==> flow/design.v <==
module my_switch #(
    parameter NBITS = 8
) (
    input  sys_clk,
    input  [NBITS-1:0] d0,
    input  [NBITS-1:0] d1,
    input  [NBITS-1:0] d2,
    input  [NBITS-1:0] d3,
    input  [NBITS-1:0] d4,
    input  [NBITS-1:0] d5,
    input  [NBITS-1:0] d6,
    input  [NBITS-1:0] d7,
    input  [NBITS-1:0] d8,
    input  [NBITS-1:0] d9,
    input  [NBITS-1:0] d10,
    input  [NBITS-1:0] d11,
    input  [3:0] sel,
    output [NBITS-1:0] z_o
);
    wire [NBITS-1:0] r;
    assign r =
        (sel == 4'd0) ? d0 :
        (sel == 4'd1) ? d1 :
        (sel == 4'd2) ? d2 :
        (sel == 4'd3) ? d3 :
        (sel == 4'd4) ? d4 :
        (sel == 4'd5) ? d5 :
        (sel == 4'd6) ? d6 :
        (sel == 4'd7) ? d7 :
        (sel == 4'd8) ? d8 :
        (sel == 4'd9) ? d9 :
        (sel == 4'd10) ? d10 :
        d11;
    reg [NBITS-1:0] r_z_o;
    always @(posedge sys_clk)
        r_z_o <= r;
    assign z_o = r_z_o;
endmodule
[Tool chain data of my_switch]
Tool output for the design above, in the order of the flow.
Lines are those of the file above, counted from 1.
Operators: Yosys type, input widths -> output width; for muxes data width and select width s.
Library cell names are shortened.
A cell with -- has no value.
Inputs
  top: my_switch
  clock input: sys_clk
  library: sky130hd
  library corner: tt_025C_1v80

[After elaboration]
Counts by Yosys on the flattened word-level netlist (proc, flatten, opt, wreduce; memories kept). Register bits leave out memories and registers merged into their read ports (data or address); mux counts leave out enables and synchronous resets folded into registers. Print and check cells are left out. Cells with the same type and inputs are merged into one.
Storage and ports
  flip-flop bits (word level): 8
  input port bits: 101
  output and inout bits: 8
  elaborated cells: 23
Cells by class
  eq/ne operators: 10
  multiplexer cells: 11
  reduce/logical cells: 1
Operators with widths (number)
  $mux 8: 11
  $eq 4x3->1 const B: 4
  $eq 4x4->1 const B: 3
  $eq 4x2->1 const B: 2
  $eq 4x1->1 const B: 1
  $logic_not 4->1: 1

[Longest topological paths]
Yosys ltp: most cells in a row. Word level: on the elaborated netlist, between registers, memories and ports. Mapped: between sequential cells and ports; inverters and the memories' decode and read muxes count.
Logic depth
  depth in word-level cells: 12
  ABC_AREA: 0
  depth in mapped cells: 8
  gate-level depth less buffers: 5

[Mapped cells and area]
Source: synth_stat.txt of the flow (Yosys; design flattened, memories mapped). It holds for the ABC_AREA given above (unset counts as 0); a run with the other value may have another netlist.
Cells by type
  dfxtp_1: number 8, area in all 160.154 um^2
  a21oi_1: number 27, area in all 135.13 um^2
  mux2i_1: number 12, area in all 120.115 um^2
  o21ai_0: number 17, area in all 85.082 um^2
  mux2_2: number 7, area in all 78.826 um^2
  mux4_2: number 3, area in all 67.565 um^2
  nor2_1: number 16, area in all 60.058 um^2
  buf_6: number 4, area in all 45.043 um^2
  nand2_1: number 12, area in all 45.043 um^2
  a22o_1: number 5, area in all 43.792 um^2
  buf_2: number 8, area in all 40.038 um^2
  a222oi_1: number 3, area in all 30.029 um^2
  a2111oi_4: number 1, area in all 27.526 um^2
  a221oi_1: number 3, area in all 26.275 um^2
  a311oi_1: number 3, area in all 26.275 um^2
  o221ai_1: number 3, area in all 26.275 um^2
  o22ai_1: number 4, area in all 25.024 um^2
  a211oi_1: number 3, area in all 22.522 um^2
Other cell types: 32; their cells: 49.
Mapped netlist
  cells in the netlist: 188
  synthesis area: 1433.9 um^2
  area of sequential cells: 160.2 um^2
  mapped flip-flops: 8
  buffers: 16

[Path before layout]
Source: OpenSTA report_checks on the synthesized netlist (no wires, ideal clock, input and output delay 20% of the period each), path of least setup slack; recovery checks are left aside. Register names are those of the netlist, which keeps one name where synthesis merged equal registers.
Timing path post-synthesis
  path type: input -> register
  from: input sel[1]
  to: register r_z_o[1]
  clock period: 1.85 ns
  input delay: 0.370 ns
  library setup time: 0.139 ns
  launch time at the first pin: 0.370 ns
  arrival time: 1.415 ns
  data required time: 1.711 ns
  setup slack: 0.296 ns
  path delay: 1.184 ns
  driving pins on the path: 6
  path buffers: 1
  synthesis period reached: 1.554 ns
"path delay" = arrival - input delay + setup time.
"driving pins on the path" counts driving pins, that of a launching flip-flop among them; a cell with two outputs on the path counts twice.
"synthesis period reached" = period - worst setup slack (recovery checks aside). The figure is calculated, with input and output delays left at 20% of the set period.
The rows between start and end are the longest chain of elaborated cells between them; the timing report does not say that the signal goes this way. Where chains are equally long, one stands for them.
A line is the first line of the expression or statement that the cell stems from. Yosys adds cells for indexed reads and writes and turns some case tables into memories.
Between the ends, post-synthesis
  cells stage by stage: buf_6 > mux2_4 > a2111oi_2 > a31oi_1 > a22oi_2 > a32oi_1
  length of the longest elaborated chain: 12
  elaborated cells on any way between the ends: 22
  source lines of those cells: 11
  classes of those cells: 10 x eq/ne; 11 x mux; 1 x reduce/logical
Ends and longest elaborated chain, post-synthesis
  start: declaration: line 17  | input  [3:0] sel,
  $eq 4x4->1: line 32  | (sel == 4'd10) ? d10 :
  $mux 8: line 32
  $mux 8: line 31  | (sel == 4'd9) ? d9 :
  $mux 8: line 30  | (sel == 4'd8) ? d8 :
  $mux 8: line 29  | (sel == 4'd7) ? d7 :
  $mux 8: line 28  | (sel == 4'd6) ? d6 :
  $mux 8: line 27  | (sel == 4'd5) ? d5 :
  $mux 8: line 26  | (sel == 4'd4) ? d4 :
  $mux 8: line 25  | (sel == 4'd3) ? d3 :
  $mux 8: line 24  | (sel == 4'd2) ? d2 :
  $mux 8: line 23  | (sel == 4'd1) ? d1 :
  $mux 8: line 22  | (sel == 4'd0) ? d0 :
  end: assignment: line 36  | r_z_o <= r;
  end: declaration: line 34  | reg [NBITS-1:0] r_z_o;

[Path in the finished layout]
From the final timing report of run 2: the path of least setup slack in the routed layout; clock arrival at registers is part of the times.
Timing path post-layout
  path type: input -> register
  from: input sel[3]
  to: register r_z_o[2]
  clock period: 2.42 ns
  input delay: 0.48 ns
  library setup time: 0.09 ns
  launch time at the first pin: 0.48 ns
  arrival time: 2.30 ns
  data required time: 2.57 ns
  setup slack: 0.27 ns
  driving pins on the path: 6
  path buffers: 1
The rows between start and end are the longest chain of elaborated cells between them; the timing report does not say that the signal goes this way. Where chains are equally long, one stands for them.
Between the ends, post-layout
  cells stage by stage: clkdlybuf4s50_1 > nor3b_2 > nand2_1 > a21oi_1 > a211oi_1 > o311ai_1
  length of the longest elaborated chain: 12
  elaborated cells on any way between the ends: 22
  source lines of those cells: 11
  classes of those cells: 10 x eq/ne; 11 x mux; 1 x reduce/logical
Ends and longest elaborated chain, post-layout
  start: declaration: line 17  | input  [3:0] sel,
  $eq 4x4->1: line 32  | (sel == 4'd10) ? d10 :
  $mux 8: line 32
  $mux 8: line 31  | (sel == 4'd9) ? d9 :
  $mux 8: line 30  | (sel == 4'd8) ? d8 :
  $mux 8: line 29  | (sel == 4'd7) ? d7 :
  $mux 8: line 28  | (sel == 4'd6) ? d6 :
  $mux 8: line 27  | (sel == 4'd5) ? d5 :
  $mux 8: line 26  | (sel == 4'd4) ? d4 :
  $mux 8: line 25  | (sel == 4'd3) ? d3 :
  $mux 8: line 24  | (sel == 4'd2) ? d2 :
  $mux 8: line 23  | (sel == 4'd1) ? d1 :
  $mux 8: line 22  | (sel == 4'd0) ? d0 :
  end: assignment: line 36  | r_z_o <= r;
  end: declaration: line 34  | reg [NBITS-1:0] r_z_o;

==> runs of my_switch <==
Record of 3 stored runs of the RTL-to-layout flow on my_switch, platform sky130hd. The runs are unordered. Constraints: input delay and output delay 20% of the set period each, output load 0.01 pF.
"achieved clock period": clock period set for the run, less the worst setup slack. It is reckoned from that one timing run; input and output delays stay at 20% of the period that was set.
"worst setup path time" = time allowed to the worst setup path (clock period - input delay - output delay, where it has them) - its slack; a late launch clock adds to it, a late capture clock takes from it.
"power" is the tool's figure for a default switching activity; nothing was simulated.

Run 1
==> flow/run.sh <==
#!/bin/bash
# the make line also repeats the synthesis and layout settings of config.mk as NAME=value (left out here)
make -C /OpenROAD-flow-scripts/flow DESIGN_CONFIG=/design/flow/config.mk WORK_HOME=/design/flow/orfs CLKGATE_MAP_FILE= finish
==> flow/config.mk <==
export PLATFORM = sky130hd
export DESIGN_NAME = my_switch
export DESIGN_NICKNAME = my_switch
export VERILOG_FILES = /design/flow/design.v
export SDC_FILE = /design/flow/constraint.sdc
export NUM_CORES = 4
export LEC_CHECK = 0
export ABC_AREA = 1
export CAP_MARGIN = 20
export CORE_MARGIN = 2
export CORE_UTILIZATION = 72
export MAX_ROUTING_LAYER = met4
export MIN_ROUTING_LAYER = met1
export PLACE_DENSITY_LB_ADDON = 0.23
export SLEW_MARGIN = 20
==> flow/constraint.sdc <==
create_clock -name core_clock -period 1.07 [get_ports {sys_clk}]
set_input_delay 0.2140 -clock core_clock [delete_from_list [all_inputs] [get_ports {sys_clk}]]
set_output_delay 0.2140 -clock core_clock [all_outputs]
set_load 0.01 [all_outputs]

==> results of run 1 <==
did not finish, placement stopped with FLW-0024

Run 2
==> flow/run.sh <==
#!/bin/bash
# the make line also repeats the synthesis and layout settings of config.mk as NAME=value (left out here)
make -C /OpenROAD-flow-scripts/flow DESIGN_CONFIG=/design/flow/config.mk WORK_HOME=/design/flow/orfs CLKGATE_MAP_FILE= finish
==> flow/config.mk <==
export PLATFORM = sky130hd
export DESIGN_NAME = my_switch
export DESIGN_NICKNAME = my_switch
export VERILOG_FILES = /design/flow/design.v
export SDC_FILE = /design/flow/constraint.sdc
export NUM_CORES = 4
export LEC_CHECK = 0
export CAP_MARGIN = 20
export CORE_MARGIN = 2
export CORE_UTILIZATION = 24
export CTS_CLUSTER_DIAMETER = 24
export CTS_CLUSTER_SIZE = 60
export GPL_ROUTABILITY_DRIVEN = 1
export MIN_ROUTING_LAYER = met2
export PLACE_DENSITY_LB_ADDON = 0.27
export SETUP_SLACK_MARGIN = -0.07
export SLEW_MARGIN = 20
==> flow/constraint.sdc <==
create_clock -name core_clock -period 2.42 [get_ports {sys_clk}]
set_input_delay 0.4840 -clock core_clock [delete_from_list [all_inputs] [get_ports {sys_clk}]]
set_output_delay 0.4840 -clock core_clock [all_outputs]
set_load 0.01 [all_outputs]

==> results of run 2 <==
chip area after synthesis (Yosys): 1433.9 um^2
die area: 6608.9 um^2
standard-cell area of the final layout: 2592.5 um^2
utilization: 44.3 %
worst setup slack after layout: 0.273 ns
total negative slack: 0.000 ns
worst hold slack: 0.861 ns
power: 791.3 uW
achieved clock period: 2.147 ns
worst setup path time: 1.66 ns
worst setup path kind: input -> register

Run 3
==> flow/run.sh <==
#!/bin/bash
# the make line also repeats the synthesis and layout settings of config.mk as NAME=value (left out here)
make -C /OpenROAD-flow-scripts/flow DESIGN_CONFIG=/design/flow/config.mk WORK_HOME=/design/flow/orfs CLKGATE_MAP_FILE= finish
==> flow/config.mk <==
export PLATFORM = sky130hd
export DESIGN_NAME = my_switch
export DESIGN_NICKNAME = my_switch
export VERILOG_FILES = /design/flow/design.v
export SDC_FILE = /design/flow/constraint.sdc
export NUM_CORES = 4
export LEC_CHECK = 0
export CAP_MARGIN = 20
export CORE_MARGIN = 2
export CORE_UTILIZATION = 40
export SLEW_MARGIN = 20
==> flow/constraint.sdc <==
create_clock -name core_clock -period 1.85 [get_ports {sys_clk}]
set_input_delay 0.3700 -clock core_clock [delete_from_list [all_inputs] [get_ports {sys_clk}]]
set_output_delay 0.3700 -clock core_clock [all_outputs]
set_load 0.01 [all_outputs]

==> results of run 3 <==
chip area after synthesis (Yosys): 1433.9 um^2
die area: 4079.4 um^2
standard-cell area of the final layout: 2766.4 um^2
utilization: 81.6 %
worst setup slack after layout: 0.130 ns
total negative slack: 0.000 ns
worst hold slack: 0.670 ns
power: 1004 uW
achieved clock period: 1.720 ns
worst setup path time: 1.35 ns
worst setup path kind: input -> register
